==> flow/design.v <==
module u_subtractor_blk #(
  parameter W = 112
) (
  input  logic ck,
  input  logic [W-1:0] arg0,
  input  logic [W-1:0] arg1,
  input  logic mode,
  output logic [W:0] q
);
  always_ff @(posedge ck) begin
    q <= mode ? arg0 - arg1 : arg0 + arg1;
  end
endmodule
From RTL to reports: u_subtractor_blk:

What the tools print for u_subtractor_blk, step after step.
Line numbers count from 1 in the design file above.
Library cell names are shortened.
Not given: --

* top: u_subtractor_blk
* clock port: ck
* library: sky130hd
* timing corner: tt_025C_1v80

Elaborated design:

Source: Yosys, flattened and elaborated, memories not mapped. Widths are those after wreduce; folded enables and synchronous resets count as part of the registers. Registers that Yosys merges into a memory's read port (data or address) are not register bits. Print and check cells do not count. Equal cells are merged and count once.

* bits in registers: 113
* bits of input ports: 226

* add/sub/neg operators: 2
* multiplexer cells: 1

Operator list (count)
* 112-bit by 112-bit adder with 113-bit output: 1
* 112-bit by 112-bit subtractor with 113-bit output: 1
* 113-bit two-way mux: 1

Depth:

Yosys ltp: most cells in a row. Word level: on the elaborated netlist, between registers, memories and ports. Mapped: between sequential cells and ports; inverters and the memories' decode and read muxes count.

* depth in word-level cells: 2
* ABC_AREA: 0
* gate-level depth with buffers: 26
* gate-level depth less buffers: 24

Mapped cells and area:

The flow's flattened synthesis, as Yosys stat reports it; memories are mapped. The netlist is that of the ABC_AREA named above (0 if unset); the other value can give another one.

* cells in the netlist: 1644
* chip area (Yosys): 12119.1 µm²
* sequential area: 2262.2 µm²
* flip-flops: 113
* buffers: 64

Cell types
* dfxtp_1: count 113, area in all 2262.17 µm²
* ha_1: count 113, area in all 1.41E+03 µm²
* xnor2_1: count 152, area in all 1.33E+03 µm²
* a21oi_1: count 206, area in all 1.03E+03 µm²
* nor2_1: count 171, area in all 641.866 µm²
* xor2_1: count 66, area in all 578.054 µm²
* nand2_1: count 134, area in all 502.982 µm²
* o21ai_0: count 94, area in all 470.451 µm²
* a21o_1: count 54, area in all 405.389 µm²
* o21bai_1: count 43, area in all 322.81 µm²
* nor3_1: count 54, area in all 270.259 µm²
* nand4_1: count 42, area in all 262.752 µm²
* clkbuf_1: count 58, area in all 217.709 µm²
* o21a_1: count 23, area in all 172.666 µm²
* inv_1: count 43, area in all 161.405 µm²
* a31oi_1: count 22, area in all 137.632 µm²
* nand3_1: count 25, area in all 125.12 µm²
* nor4_1: count 18, area in all 112.608 µm²

Not listed: further types 61, cells in them 213.

Timing after synthesis:

Source: OpenSTA report_checks on the synthesized netlist (no wires, ideal clock, input and output delay 20% of the period each), path of least setup slack; recovery checks are left aside. Register names are those of the netlist, which keeps one name where synthesis merged equal registers.

* kind: in2reg
* from: in arg1[42]
* to: reg q[105]
* clock period: 7.49 ns
* input delay: 1.498 ns
* library setup time: 0.072 ns
* data arrival time: 6.218 ns
* slack: 1.200 ns
* delay of the path: 4.792 ns
* stages on the path: 22
* buffers on the path: 1
* period reached after synthesis: 6.29 ns

"delay of the path" = arrival - input delay + setup time.
"stages on the path": output pins that drive a net of the path, with the launching flip-flop's if there is one; two outputs of one cell count as two.
"period reached after synthesis" = period - worst setup slack (recovery checks aside). The figure is calculated, with input and output delays left at 20% of the set period.
Between the ends stands the longest chain of elaborated cells between them, by number of cells; it is not shown to be the way that was timed. Of several equally long chains one is given.
A line is the first line of the expression or statement that the cell stems from. Yosys adds cells for indexed reads and writes and turns some case tables into memories.

* cells stage by stage: or4_4 -> or3_4 -> nand2b_4 -> or2_4 -> nor2_4 -> nand2_4 -> nor3_4 -> nand2_4 -> nor2_1 -> nor2_1 -> xnor2_1 -> ha_1 -> clkbuf_1 -> nand2_1 -> nor4_1 -> or3b_2 -> or2_2 -> o22ai_1 -> o21ai_1 -> o21a_1 -> o21ai_1 -> xor2_1
* length of the longest elaborated chain: 2

Ends and longest elaborated chain, post-synthesis
* start, declared: line 6 `input  logic [W-1:0] arg1,`
* 112-bit by 112-bit adder with 113-bit output: line 11 `q <= mode ? arg0 - arg1 : arg0 + arg1;`
* 113-bit two-way mux: line 11
* end, assigned: line 11
* end, declared: line 8 `output logic [W:0] q`

Path in the finished layout:

Path of least setup slack in the final report of job 2 (OpenROAD, finished layout, wires in). Where an end is a register, its clock arrival counts in the times.

* kind: in2reg
* from: in arg1[2]
* to: reg q[105]
* clock period: 10.4 ns
* input delay: 2.08 ns
* library setup time: 0.07 ns
* data arrival time: 9.66 ns
* slack: 1.15 ns
* stages on the path: 23
* buffers on the path: 3

Between the ends stands the longest chain of elaborated cells between them, by number of cells; it is not shown to be the way that was timed. Of several equally long chains one is given.

* cells stage by stage: clkdlybuf4s50_1 -> nor3_2 -> nand3_1 -> or4_1 -> clkbuf_1 -> nor2_2 -> and4b_1 -> nand2_1 -> nor3_4 -> a21oi_1 -> a21oi_1 -> xor2_1 -> ha_1 -> clkbuf_1 -> nand2_1 -> nor4_1 -> or3b_2 -> or2_2 -> o22ai_1 -> o21ai_1 -> o21a_1 -> o21ai_1 -> xor2_1
* length of the longest elaborated chain: 2

Ends and longest elaborated chain, post-layout
* start, declared: line 6 `input  logic [W-1:0] arg1,`
* 112-bit by 112-bit adder with 113-bit output: line 11 `q <= mode ? arg0 - arg1 : arg0 + arg1;`
* 113-bit two-way mux: line 11
* end, assigned: line 11
* end, declared: line 8 `output logic [W:0] q`

Wiki page: u_subtractor_blk / flow data

Below are 3 stored runs of the flow (Yosys, OpenROAD; platform sky130hd) on u_subtractor_blk, each with its settings and what was measured, unordered. Constraints: input delay and output delay 20% of the set period each, output load 0.01 pF.
"achieved period" is the run's clock period less its worst setup slack. It is reckoned from that one timing run; input and output delays stay at 20% of the period that was set.
"critical path time" is the time allowed to the run's worst setup path (the clock period less input and output delay, where it has them) less its slack. Clock arrival times count: a late capture clock shortens it, a late launch clock lengthens it.
"total design power": no workload was simulated; the value follows from the tool's default switching activity.

### Job 1

==> flow/run.sh <==
#!/bin/bash
# the make line also repeats the synthesis and layout settings of config.mk as NAME=value (left out here)
make -C /OpenROAD-flow-scripts/flow DESIGN_CONFIG=/design/flow/config.mk WORK_HOME=/design/flow/orfs CLKGATE_MAP_FILE= finish
==> flow/config.mk <==
export PLATFORM = sky130hd
export DESIGN_NAME = u_subtractor_blk
export DESIGN_NICKNAME = u_subtractor_blk
export VERILOG_FILES = /design/flow/design.v
export SDC_FILE = /design/flow/constraint.sdc
export NUM_CORES = 4
export LEC_CHECK = 0
export CAP_MARGIN = 25
export CORE_MARGIN = 2
export CORE_UTILIZATION = 53
export CTS_CLUSTER_DIAMETER = 136
export GPL_ROUTABILITY_DRIVEN = 0
export GPL_TIMING_DRIVEN = 0
export PLACE_DENSITY = 0.77
export SLEW_MARGIN = 10
==> flow/constraint.sdc <==
create_clock -name core_clock -period 4.15 [get_ports {ck}]
set_input_delay 0.8300 -clock core_clock [delete_from_list [all_inputs] [get_ports {ck}]]
set_output_delay 0.8300 -clock core_clock [all_outputs]
set_load 0.01 [all_outputs]

Outcome of job 1: no final report: routing broke off with GRT-0232

### Job 2

==> flow/run.sh <==
#!/bin/bash
# the make line also repeats the synthesis and layout settings of config.mk as NAME=value (left out here)
make -C /OpenROAD-flow-scripts/flow DESIGN_CONFIG=/design/flow/config.mk WORK_HOME=/design/flow/orfs CLKGATE_MAP_FILE= finish
==> flow/config.mk <==
export PLATFORM = sky130hd
export DESIGN_NAME = u_subtractor_blk
export DESIGN_NICKNAME = u_subtractor_blk
export VERILOG_FILES = /design/flow/design.v
export SDC_FILE = /design/flow/constraint.sdc
export NUM_CORES = 4
export LEC_CHECK = 0
export ABC_AREA = 0
export CAP_MARGIN = 10
export CORE_MARGIN = 10
export CORE_UTILIZATION = 30
export GPL_TIMING_DRIVEN = 0
export HOLD_SLACK_MARGIN = -0.02
export MAX_ROUTING_LAYER = met5
export PLACE_DENSITY = 0.63
export SLEW_MARGIN = 20
==> flow/constraint.sdc <==
create_clock -name core_clock -period 10.4 [get_ports {ck}]
set_input_delay 2.0800 -clock core_clock [delete_from_list [all_inputs] [get_ports {ck}]]
set_output_delay 2.0800 -clock core_clock [all_outputs]
set_load 0.01 [all_outputs]

Results of job 2:
- Yosys chip area after synthesis: 12119.1 µm²
- Full die area: 48836.6 µm²
- Standard-cell area of the final layout: 16872.4 µm²
- Final design utilization: 42.4%
- Lowest setup slack: 1.147 ns
- Total negative slack on setup checks: 0.000 ns
- Worst hold slack after layout: 2.246 ns
- Total design power: 0.002715 W
- Achieved period: 9.253 ns
- Critical path time: 7.17 ns
- Critical path type: in2reg

### Job 3

==> flow/run.sh <==
#!/bin/bash
# the make line also repeats the synthesis and layout settings of config.mk as NAME=value (left out here)
make -C /OpenROAD-flow-scripts/flow DESIGN_CONFIG=/design/flow/config.mk WORK_HOME=/design/flow/orfs CLKGATE_MAP_FILE= finish
==> flow/config.mk <==
export PLATFORM = sky130hd
export DESIGN_NAME = u_subtractor_blk
export DESIGN_NICKNAME = u_subtractor_blk
export VERILOG_FILES = /design/flow/design.v
export SDC_FILE = /design/flow/constraint.sdc
export NUM_CORES = 4
export LEC_CHECK = 0
export CAP_MARGIN = 20
export CORE_MARGIN = 2
export CORE_UTILIZATION = 40
export SLEW_MARGIN = 20
==> flow/constraint.sdc <==
create_clock -name core_clock -period 7.49 [get_ports {ck}]
set_input_delay 1.4980 -clock core_clock [delete_from_list [all_inputs] [get_ports {ck}]]
set_output_delay 1.4980 -clock core_clock [all_outputs]
set_load 0.01 [all_outputs]

Results of job 3:
- Yosys chip area after synthesis: 12119.1 µm²
- Full die area: 31705.4 µm²
- Standard-cell area of the final layout: 16676.0 µm²
- Final design utilization: 56.1%
- Lowest setup slack: 0.380 ns
- Total negative slack on setup checks: 0.000 ns
- Worst hold slack after layout: 1.762 ns
- Total design power: 0.003653 W
- Achieved period: 7.110 ns
- Critical path time: 5.61 ns
- Critical path type: in2reg
